==> flow/design.v <==
module my_muxn_mod #(
    parameter DATA_WIDTH = 8,
    parameter INPUTS = 5,
    parameter LG = $clog2(INPUTS)
) (
    input wire clk,
    input wire aresetn,
    input wire [INPUTS*DATA_WIDTH-1:0] i_in,
    input wire [LG-1:0] i_idx,
    output reg [DATA_WIDTH-1:0] o_result
);
    reg [DATA_WIDTH-1:0] t;
    integer k;
    always @* begin
        t = 0;
        for (k = 0; k < INPUTS; k = k + 1)
            if (i_idx == k) t = i_in[k*DATA_WIDTH +: DATA_WIDTH];
    end
    always @(posedge clk or negedge aresetn) begin
        if (~aresetn) begin
            o_result <= 0;
        end else begin
            o_result <= t;
        end
    end
endmodule
Step by step through the tools: my_muxn_mod
What the tools print for my_muxn_mod, step after step. Lines are those of the file above, counted from 1. Operators: Yosys type, input widths -> output width; for muxes data width and select width s. Library cell names are shortened. A cell with n/a has no value.

Top: my_muxn_mod. Clock port: clk. Library: sky130hd. Timing corner: tt_025C_1v80.

Word-level counts
Counts by Yosys on the flattened word-level netlist (proc, flatten, opt, wreduce; memories kept). Register bits leave out memories and registers merged into their read ports (data or address); mux counts leave out enables and synchronous resets folded into registers. Print and check cells are left out. Cells with the same type and inputs are merged into one.

The figure for flip-flop bits (word level) is 8. Input port bits: 45. For output and inout port bits the number is 8.

The entry for equality and inequality tests reads 4. The figure for mux-type cells is 5. Reductions and logical operators: 1.

Operator list (count): $mux 8 (5); $eq 3x2->1 const B (2); $eq 3x1->1 const B (1); $eq 3x3->1 const B (1); $logic_not 3->1 (1).

Longest topological paths
Yosys ltp: most cells in a row. Word level: on the elaborated netlist, between registers, memories and ports. Mapped: between sequential cells and ports; inverters and the memories' decode and read muxes count.

Depth in word-level cells: 6. For ABC_AREA the number is 0. The figure for depth in mapped cells is 5.

Mapped cells and area
The flow's flattened synthesis, as Yosys stat reports it; memories are mapped. The netlist is that of the ABC_AREA named above (0 if unset); the other value can give another one.

Cell types: dfrtp_1 (count 8, total area 200.192 µm²); a221o_1 (count 7, total area 70.067 µm²); mux2i_1 (count 7, total area 70.067 µm²); mux2_2 (count 5, total area 56.304 µm²); mux2_4 (count 2, total area 30.029 µm²); nor2_1 (count 8, total area 30.029 µm²); mux4_1 (count 1, total area 26.275 µm²); buf_12 (count 1, total area 20.019 µm²); nor3b_2 (count 1, total area 12.512 µm²); buf_6 (count 1, total area 11.261 µm²); nand2b_1 (count 1, total area 6.256 µm²); o21ai_0 (count 1, total area 5.005 µm²); inv_1 (count 1, total area 3.754 µm²); nand2_1 (count 1, total area 3.754 µm²).

The entry for mapped cells reads 45. For mapped area the number is 545.5 µm². The figure for area of sequential cells is 200.2 µm². Under flip-flops stands 8.

Path before layout
Path of least setup slack by OpenSTA after synthesis, without wires, with an ideal clock, recovery checks aside; 20% of the period is set as input and as output delay. Where synthesis merged equal registers, the netlist keeps one of their names.

Path type: input to register. Start point: in i_idx[0]. End point: reg o_result[4]. The figure for clock period is 1.51 ns. The figure for external input delay is 0.302 ns. The figure for setup time is 0.126 ns. The figure for time at the first pin is 0.302 ns. The entry for data arrival time reads 1.141 ns. Under required time stands 1.384 ns. For path slack the number is 0.242 ns. Under delay of the path stands 0.965 ns. The figure for stages on the path is 4. The figure for path buffers is 2. For period reached after synthesis the number is 1.268 ns.

"delay of the path" = arrival - input delay + setup time. "stages on the path" counts driving pins, that of a launching flip-flop among them; a cell with two outputs on the path counts twice. "period reached after synthesis" = period - worst setup slack (recovery checks aside). The figure is calculated, with input and output delays left at 20% of the set period. The rows between start and end are the longest chain of elaborated cells between them; the timing report does not say that the signal goes this way. Where chains are equally long, one stands for them. Each line given opens the expression or statement behind the cell; cells for indexed reads and writes are added by Yosys, which also makes memories of some case tables.

Cell sequence: buf_6 -> buf_12 -> mux2_4 -> a221o_1. Cells in the longest elaborated chain: 6.

Ends and longest elaborated chain, post-synthesis: from (decl) (RTL line 9) `input wire [LG-1:0] i_idx,`; $logic_not 3->1 (RTL line 17) `if (i_idx == k) t = i_in[k*DATA_WIDTH +: DATA_WIDTH];`; $mux 8 x5 (RTL line 17); to (assign) (RTL line 21) `o_result <= 0;`; to (assign) (RTL line 23) `o_result <= t;`; to (decl) (RTL line 10) `output reg [DATA_WIDTH-1:0] o_result`.

Path in the finished layout
Path of least setup slack in the final report of record 1 (OpenROAD, finished layout, wires in). Where an end is a register, its clock arrival counts in the times.

Path type: input to register. Start point: in i_idx[0]. End point: reg o_result[2]. The figure for clock period is 1.43 ns. The figure for external input delay is 0.29 ns. The figure for setup time is 0.12 ns. The figure for time at the first pin is 0.29 ns. The entry for data arrival time reads 1.51 ns. Under required time stands 1.58 ns. For path slack the number is 0.07 ns. The figure for stages on the path is 6. The figure for path buffers is 3.

The rows between start and end are the longest chain of elaborated cells between them; the timing report does not say that the signal goes this way. Where chains are equally long, one stands for them.

Cell sequence: clkdlybuf4s15_1 -> bufbuf_16 -> buf_4 -> mux2i_2 -> nor2_1 -> a221o_1. Cells in the longest elaborated chain: 6.

Ends and longest elaborated chain, post-layout: from (decl) (RTL line 9) `input wire [LG-1:0] i_idx,`; $logic_not 3->1 (RTL line 17) `if (i_idx == k) t = i_in[k*DATA_WIDTH +: DATA_WIDTH];`; $mux 8 x5 (RTL line 17); to (assign) (RTL line 21) `o_result <= 0;`; to (assign) (RTL line 23) `o_result <= t;`; to (decl) (RTL line 10) `output reg [DATA_WIDTH-1:0] o_result`.

Module my_muxn_mod, platform sky130hd: 3 stored runs of the flow (Yosys, OpenROAD) with differing settings, in no particular order. Input and output delays are each 20% of the period that was set; the output load is 0.01 pF. "period achieved" = clock period - worst setup slack. The figure is calculated, with input and output delays left at 20% of the set period. "worst path time" is the time allowed to the run's worst setup path (the clock period less input and output delay, where it has them) less its slack. Clock arrival times count: a late capture clock shortens it, a late launch clock lengthens it. "overall power": no workload was simulated; the value follows from the tool's default switching activity.

Files of record 1:
==> flow/run.sh <==
#!/bin/bash
# the make line also repeats the synthesis and layout settings of config.mk as NAME=value (left out here)
make -C /OpenROAD-flow-scripts/flow DESIGN_CONFIG=/design/flow/config.mk WORK_HOME=/design/flow/orfs CLKGATE_MAP_FILE= finish
==> flow/config.mk <==
export PLATFORM = sky130hd
export DESIGN_NAME = my_muxn_mod
export DESIGN_NICKNAME = my_muxn_mod
export VERILOG_FILES = /design/flow/design.v
export SDC_FILE = /design/flow/constraint.sdc
export NUM_CORES = 4
export LEC_CHECK = 0
export CAP_MARGIN = 20
export CELL_PAD_IN_SITES_DETAIL_PLACEMENT = 0
export CORE_MARGIN = 2
export CORE_UTILIZATION = 38
export CTS_CLUSTER_DIAMETER = 353
export CTS_CLUSTER_SIZE = 78
export PLACE_DENSITY = 0.95
export SLEW_MARGIN = 20
export TNS_END_PERCENT = 95
==> flow/constraint.sdc <==
create_clock -name core_clock -period 1.43 [get_ports {clk}]
set_input_delay 0.2860 -clock core_clock [delete_from_list [all_inputs] [get_ports {clk}]]
set_output_delay 0.2860 -clock core_clock [all_outputs]
set_load 0.01 [all_outputs]

Results of record 1. The total negative setup slack is 0.000 ns. The die area is 1754.8 µm². For the overall power the run shows 743.4 µW. The period achieved reads 1.365 ns. For the standard-cell area after routing the run shows 1189.9 µm². The worst setup slack after layout is 0.065 ns. The measured post-route utilization is 0.903. The worst path time comes to 1.08 ns. Class of the worst setup path: input to register. The mapped cell area after synthesis comes to 545.5 µm².

Files of record 2:
==> flow/run.sh <==
#!/bin/bash
# the make line also repeats the synthesis and layout settings of config.mk as NAME=value (left out here)
make -C /OpenROAD-flow-scripts/flow DESIGN_CONFIG=/design/flow/config.mk WORK_HOME=/design/flow/orfs CLKGATE_MAP_FILE= finish
==> flow/config.mk <==
export PLATFORM = sky130hd
export DESIGN_NAME = my_muxn_mod
export DESIGN_NICKNAME = my_muxn_mod
export VERILOG_FILES = /design/flow/design.v
export SDC_FILE = /design/flow/constraint.sdc
export NUM_CORES = 4
export LEC_CHECK = 0
export CAP_MARGIN = 20
export CELL_PAD_IN_SITES_DETAIL_PLACEMENT = 1
export CELL_PAD_IN_SITES_GLOBAL_PLACEMENT = 1
export CORE_ASPECT_RATIO = 1.88
export CORE_MARGIN = 8
export CORE_UTILIZATION = 37
export GPL_TIMING_DRIVEN = 1
export HOLD_SLACK_MARGIN = -0.04
export SETUP_SLACK_MARGIN = -0.04
export SLEW_MARGIN = 10
==> flow/constraint.sdc <==
create_clock -name core_clock -period 1.13 [get_ports {clk}]
set_input_delay 0.2260 -clock core_clock [delete_from_list [all_inputs] [get_ports {clk}]]
set_output_delay 0.2260 -clock core_clock [all_outputs]
set_load 0.01 [all_outputs]

Outcome of record 2: unfinished; error PDN-0185 in floorplanning.

Files of record 3:
==> flow/run.sh <==
#!/bin/bash
# the make line also repeats the synthesis and layout settings of config.mk as NAME=value (left out here)
make -C /OpenROAD-flow-scripts/flow DESIGN_CONFIG=/design/flow/config.mk WORK_HOME=/design/flow/orfs CLKGATE_MAP_FILE= finish
==> flow/config.mk <==
export PLATFORM = sky130hd
export DESIGN_NAME = my_muxn_mod
export DESIGN_NICKNAME = my_muxn_mod
export VERILOG_FILES = /design/flow/design.v
export SDC_FILE = /design/flow/constraint.sdc
export NUM_CORES = 4
export LEC_CHECK = 0
export CAP_MARGIN = 20
export CORE_MARGIN = 2
export CORE_UTILIZATION = 40
export SLEW_MARGIN = 20
==> flow/constraint.sdc <==
create_clock -name core_clock -period 1.51 [get_ports {clk}]
set_input_delay 0.3020 -clock core_clock [delete_from_list [all_inputs] [get_ports {clk}]]
set_output_delay 0.3020 -clock core_clock [all_outputs]
set_load 0.01 [all_outputs]

Results of record 3. The worst path time comes to 1.11 ns. Class of the worst setup path: register to output. The period achieved reads 1.412 ns. The mapped cell area after synthesis comes to 545.5 µm². For the overall power the run shows 679.2 µW. The worst setup slack after layout is 0.098 ns. The measured post-route utilization is 0.895. For the standard-cell area after routing the run shows 1149.8 µm². The total negative setup slack is 0.000 ns. The die area is 1675.3 µm².
